==> flow/design.v <==
module cpu_cmp_n (i_clk, i_rst, clk_en, in_arg0, in_arg1, out_is_lt, out_same, out_above);
   parameter BITS = 36;
   input i_clk;
   input i_rst;
   input clk_en;
   input [BITS-1:0] in_arg0;
   input [BITS-1:0] in_arg1;
   output out_is_lt;
   output out_same;
   output out_above;
   reg [BITS-1:0] arg0_reg;
   always @(posedge i_clk) begin
      if (i_rst) begin
         arg0_reg <= 0;
      end else if (clk_en) begin
         arg0_reg <= in_arg0;
      end
   end
   reg [BITS-1:0] arg1_reg;
   always @(posedge i_clk) begin
      if (i_rst) begin
         arg1_reg <= 0;
      end else if (clk_en) begin
         arg1_reg <= in_arg1;
      end
   end
   assign out_is_lt = (arg0_reg < arg1_reg);
   assign out_same = (arg0_reg == arg1_reg);
   assign out_above = (arg0_reg > arg1_reg);
endmodule
Step by step through the tools: cpu_cmp_n
The steps from the RTL of cpu_cmp_n to its reports follow in flow order.
Line numbers count from 1 in the design file above.
Library cell names are shortened.
The mark - stands for no value.
- top: cpu_cmp_n
- clock: i_clk
- library: sky130hd
- corner: tt_025C_1v80

Elaborated design
Source: Yosys, flattened and elaborated, memories not mapped. Widths are those after wreduce; folded enables and synchronous resets count as part of the registers. Registers that Yosys merges into a memory's read port (data or address) are not register bits. Print and check cells do not count. Equal cells are merged and count once.
- noted bits in registers: 72
- noted bits of input ports: 75
- cells after elaboration: 5
- noted $lt $le $gt $ge: 2
- equality and inequality tests: 1
- operators by type and width (cell ; count):
    36-bit > comparator ; 1
    36-bit < comparator ; 1
    36-bit == test ; 1

Logic depth
Yosys ltp: most cells in a row. Word level: on the elaborated netlist, between registers, memories and ports. Mapped: between sequential cells and ports; inverters and the memories' decode and read muxes count.
- word-level depth: 1
- ABC_AREA at 0
- depth in mapped cells: 7

Netlist
The flow's flattened synthesis, as Yosys stat reports it; memories are mapped. The netlist is that of the ABC_AREA named above (0 if unset); the other value can give another one.
- cell types (cell type ; count ; total area (µm²)):
    dfxtp_1 ; 72 ; 1.44E+03
    mux2i_1 ; 72 ; 720.691
    ha_1 ; 36 ; 450.432
    nor2_1 ; 73 ; 274.013
    inv_1 ; 37 ; 138.883
    a21oi_1 ; 14 ; 70.067
    nand2_1 ; 11 ; 41.29
    a221oi_1 ; 4 ; 35.034
    buf_2 ; 7 ; 35.034
    clkbuf_1 ; 9 ; 33.782
    nand4_1 ; 5 ; 31.28
    and4_1 ; 3 ; 26.275
    nor4_4 ; 1 ; 21.27
    and4_2 ; 2 ; 20.019
    nand3_1 ; 4 ; 20.019
    nor3_2 ; 2 ; 20.019
    o21ai_0 ; 4 ; 20.019
    nand4_2 ; 1 ; 12.512
Other cell types: 5; their cells: 5.
- noted mapped cells: 362
- noted cell area after synthesis: 0.0034533 mm²
- noted mapped flip-flops: 72

Worst setup path after synthesis
Source: OpenSTA report_checks on the synthesized netlist (no wires, ideal clock, input and output delay 20% of the period each), path of least setup slack; recovery checks are left aside. Register names are those of the netlist, which keeps one name where synthesis merged equal registers.
- kind: reg-to-output
- from: register arg1_reg[34]
- to: output port out_above
- period: 2.67 ns
- external output delay: 0.534 ns
- noted launch time at the first pin: 0.000 ns
- arrival: 1.708 ns
- data required time at 2.136 ns
- setup slack at 0.428 ns
- noted path delay: 1.708 ns
- stages: 8
- synthesis period reached: 2.242 ns
"path delay" = arrival - input delay + setup time.
A path that ends at an output port has no setup time.
"stages" counts driving pins, that of a launching flip-flop among them; a cell with two outputs on the path counts twice.
"synthesis period reached" = period - worst setup slack (recovery checks aside). The figure is calculated, with input and output delays left at 20% of the set period.
Between the ends stands the longest chain of elaborated cells between them, by number of cells; it is not shown to be the way that was timed. Of several equally long chains one is given.
A line is the first line of the expression or statement that the cell stems from. Yosys adds cells for indexed reads and writes and turns some case tables into memories.
- cell sequence: dfxtp_1 -> inv_1 -> ha_1 -> nand4_1 -> nor3_2 -> nand4_2 -> nor4_4 -> o21ba_1
- cells in the longest elaborated chain: 1
- ends and longest elaborated chain, post-synthesis (element ; RTL line ; text):
    start, declared ; 19 ; reg [BITS-1:0] arg1_reg;
    start, assigned ; 22 ; arg1_reg <= 0;
    start, assigned ; 24 ; arg1_reg <= in_arg1;
    36-bit > comparator ; 29 ; assign out_above = (arg0_reg > arg1_reg);
    end, declared ; 10 ; output out_above;

Worst path after layout
From the final timing report of run 2: the path of least setup slack in the routed layout; clock arrival at registers is part of the times.
- kind: reg-to-output
- from: register arg1_reg[29]
- to: output port out_above
- period: 2.67 ns
- external output delay: 0.53 ns
- noted launch time at the first pin: 0.34 ns
- arrival: 2.16 ns
- data required time at 2.14 ns
- setup slack at -0.02 ns
- stages: 10
Between the ends stands the longest chain of elaborated cells between them, by number of cells; it is not shown to be the way that was timed. Of several equally long chains one is given.
- cell sequence: dfxtp_2 -> inv_1 -> ha_4 -> a21oi_2 -> o21ai_2 -> a221oi_2 -> o221ai_2 -> buf_4 -> o21ba_1 -> buf_2
- cells in the longest elaborated chain: 1
- ends and longest elaborated chain, post-layout (element ; RTL line ; text):
    start, declared ; 19 ; reg [BITS-1:0] arg1_reg;
    start, assigned ; 22 ; arg1_reg <= 0;
    start, assigned ; 24 ; arg1_reg <= in_arg1;
    36-bit > comparator ; 29 ; assign out_above = (arg0_reg > arg1_reg);
    end, declared ; 10 ; output out_above;

--- measured runs ---
3 stored runs of cpu_cmp_n in the flow (synthesis by Yosys, layout by OpenROAD, sky130hd cells), in arbitrary order. Constraints: input delay and output delay 20% of the set period each, output load 0.01 pF.
"achieved period" = clock period - worst setup slack. The figure is calculated, with input and output delays left at 20% of the set period.
"worst path time": the worst setup path's part of the clock period (all of it between registers, 20% less for each end at a port) less its slack. A launch clock that arrives late makes it longer, a capture clock that arrives late makes it shorter.
"overall power": no workload was simulated; the value follows from the tool's default switching activity.

Run 1

==> flow/run.sh <==
#!/bin/bash
# the make line also repeats the synthesis and layout settings of config.mk as NAME=value (left out here)
make -C /OpenROAD-flow-scripts/flow DESIGN_CONFIG=/design/flow/config.mk WORK_HOME=/design/flow/orfs CLKGATE_MAP_FILE= finish
==> flow/config.mk <==
export PLATFORM = sky130hd
export DESIGN_NAME = cpu_cmp_n
export DESIGN_NICKNAME = cpu_cmp_n
export VERILOG_FILES = /design/flow/design.v
export SDC_FILE = /design/flow/constraint.sdc
export NUM_CORES = 4
export LEC_CHECK = 0
export CAP_MARGIN = 10
export CELL_PAD_IN_SITES_GLOBAL_PLACEMENT = 2
export CORE_ASPECT_RATIO = 1.48
export CORE_MARGIN = 2
export CORE_UTILIZATION = 68
export MAX_ROUTING_LAYER = met4
export PLACE_DENSITY_LB_ADDON = 0.03
export SLEW_MARGIN = 5
==> flow/constraint.sdc <==
create_clock -name core_clock -period 1.45 [get_ports {i_clk}]
set_input_delay 0.2900 -clock core_clock [delete_from_list [all_inputs] [get_ports {i_clk}]]
set_output_delay 0.2900 -clock core_clock [all_outputs]
set_load 0.01 [all_outputs]

Run 1: not finished: placement ended with error FLW-0024.

Run 2

==> flow/run.sh <==
#!/bin/bash
# the make line also repeats the synthesis and layout settings of config.mk as NAME=value (left out here)
make -C /OpenROAD-flow-scripts/flow DESIGN_CONFIG=/design/flow/config.mk WORK_HOME=/design/flow/orfs CLKGATE_MAP_FILE= finish
==> flow/config.mk <==
export PLATFORM = sky130hd
export DESIGN_NAME = cpu_cmp_n
export DESIGN_NICKNAME = cpu_cmp_n
export VERILOG_FILES = /design/flow/design.v
export SDC_FILE = /design/flow/constraint.sdc
export NUM_CORES = 4
export LEC_CHECK = 0
export CAP_MARGIN = 20
export CORE_MARGIN = 2
export CORE_UTILIZATION = 40
export SLEW_MARGIN = 20
==> flow/constraint.sdc <==
create_clock -name core_clock -period 2.67 [get_ports {i_clk}]
set_input_delay 0.5340 -clock core_clock [delete_from_list [all_inputs] [get_ports {i_clk}]]
set_output_delay 0.5340 -clock core_clock [all_outputs]
set_load 0.01 [all_outputs]

Measured in run 2:
- noted the netlist area reported by Yosys: 0.0034533 mm²
- overall die area at 0.0093925 mm²
- noted the standard-cell area after routing: 0.0048609 mm²
- noted the final utilization: 58.6%
- setup slack of the worst path: -0.023 ns
- final setup TNS at -0.023 ns
- worst hold slack in the final report at 0.484 ns
- overall power: 2,733 uW
- achieved period at 2.693 ns
- noted the worst path time: 2.16 ns
- worst setup path kind: reg-to-output

Run 3

==> flow/run.sh <==
#!/bin/bash
# the make line also repeats the synthesis and layout settings of config.mk as NAME=value (left out here)
make -C /OpenROAD-flow-scripts/flow DESIGN_CONFIG=/design/flow/config.mk WORK_HOME=/design/flow/orfs CLKGATE_MAP_FILE= finish
==> flow/config.mk <==
export PLATFORM = sky130hd
export DESIGN_NAME = cpu_cmp_n
export DESIGN_NICKNAME = cpu_cmp_n
export VERILOG_FILES = /design/flow/design.v
export SDC_FILE = /design/flow/constraint.sdc
export NUM_CORES = 4
export LEC_CHECK = 0
export CAP_MARGIN = 20
export CELL_PAD_IN_SITES_GLOBAL_PLACEMENT = 2
export CORE_MARGIN = 2
export CORE_UTILIZATION = 59
export CTS_CLUSTER_DIAMETER = 392
export MAX_ROUTING_LAYER = met4
export PLACE_DENSITY = 0.68
export SLEW_MARGIN = 20
==> flow/constraint.sdc <==
create_clock -name core_clock -period 2.93 [get_ports {i_clk}]
set_input_delay 0.5860 -clock core_clock [delete_from_list [all_inputs] [get_ports {i_clk}]]
set_output_delay 0.5860 -clock core_clock [all_outputs]
set_load 0.01 [all_outputs]

Run 3: not finished: placement ended with error GPL-0301.
--- end ---
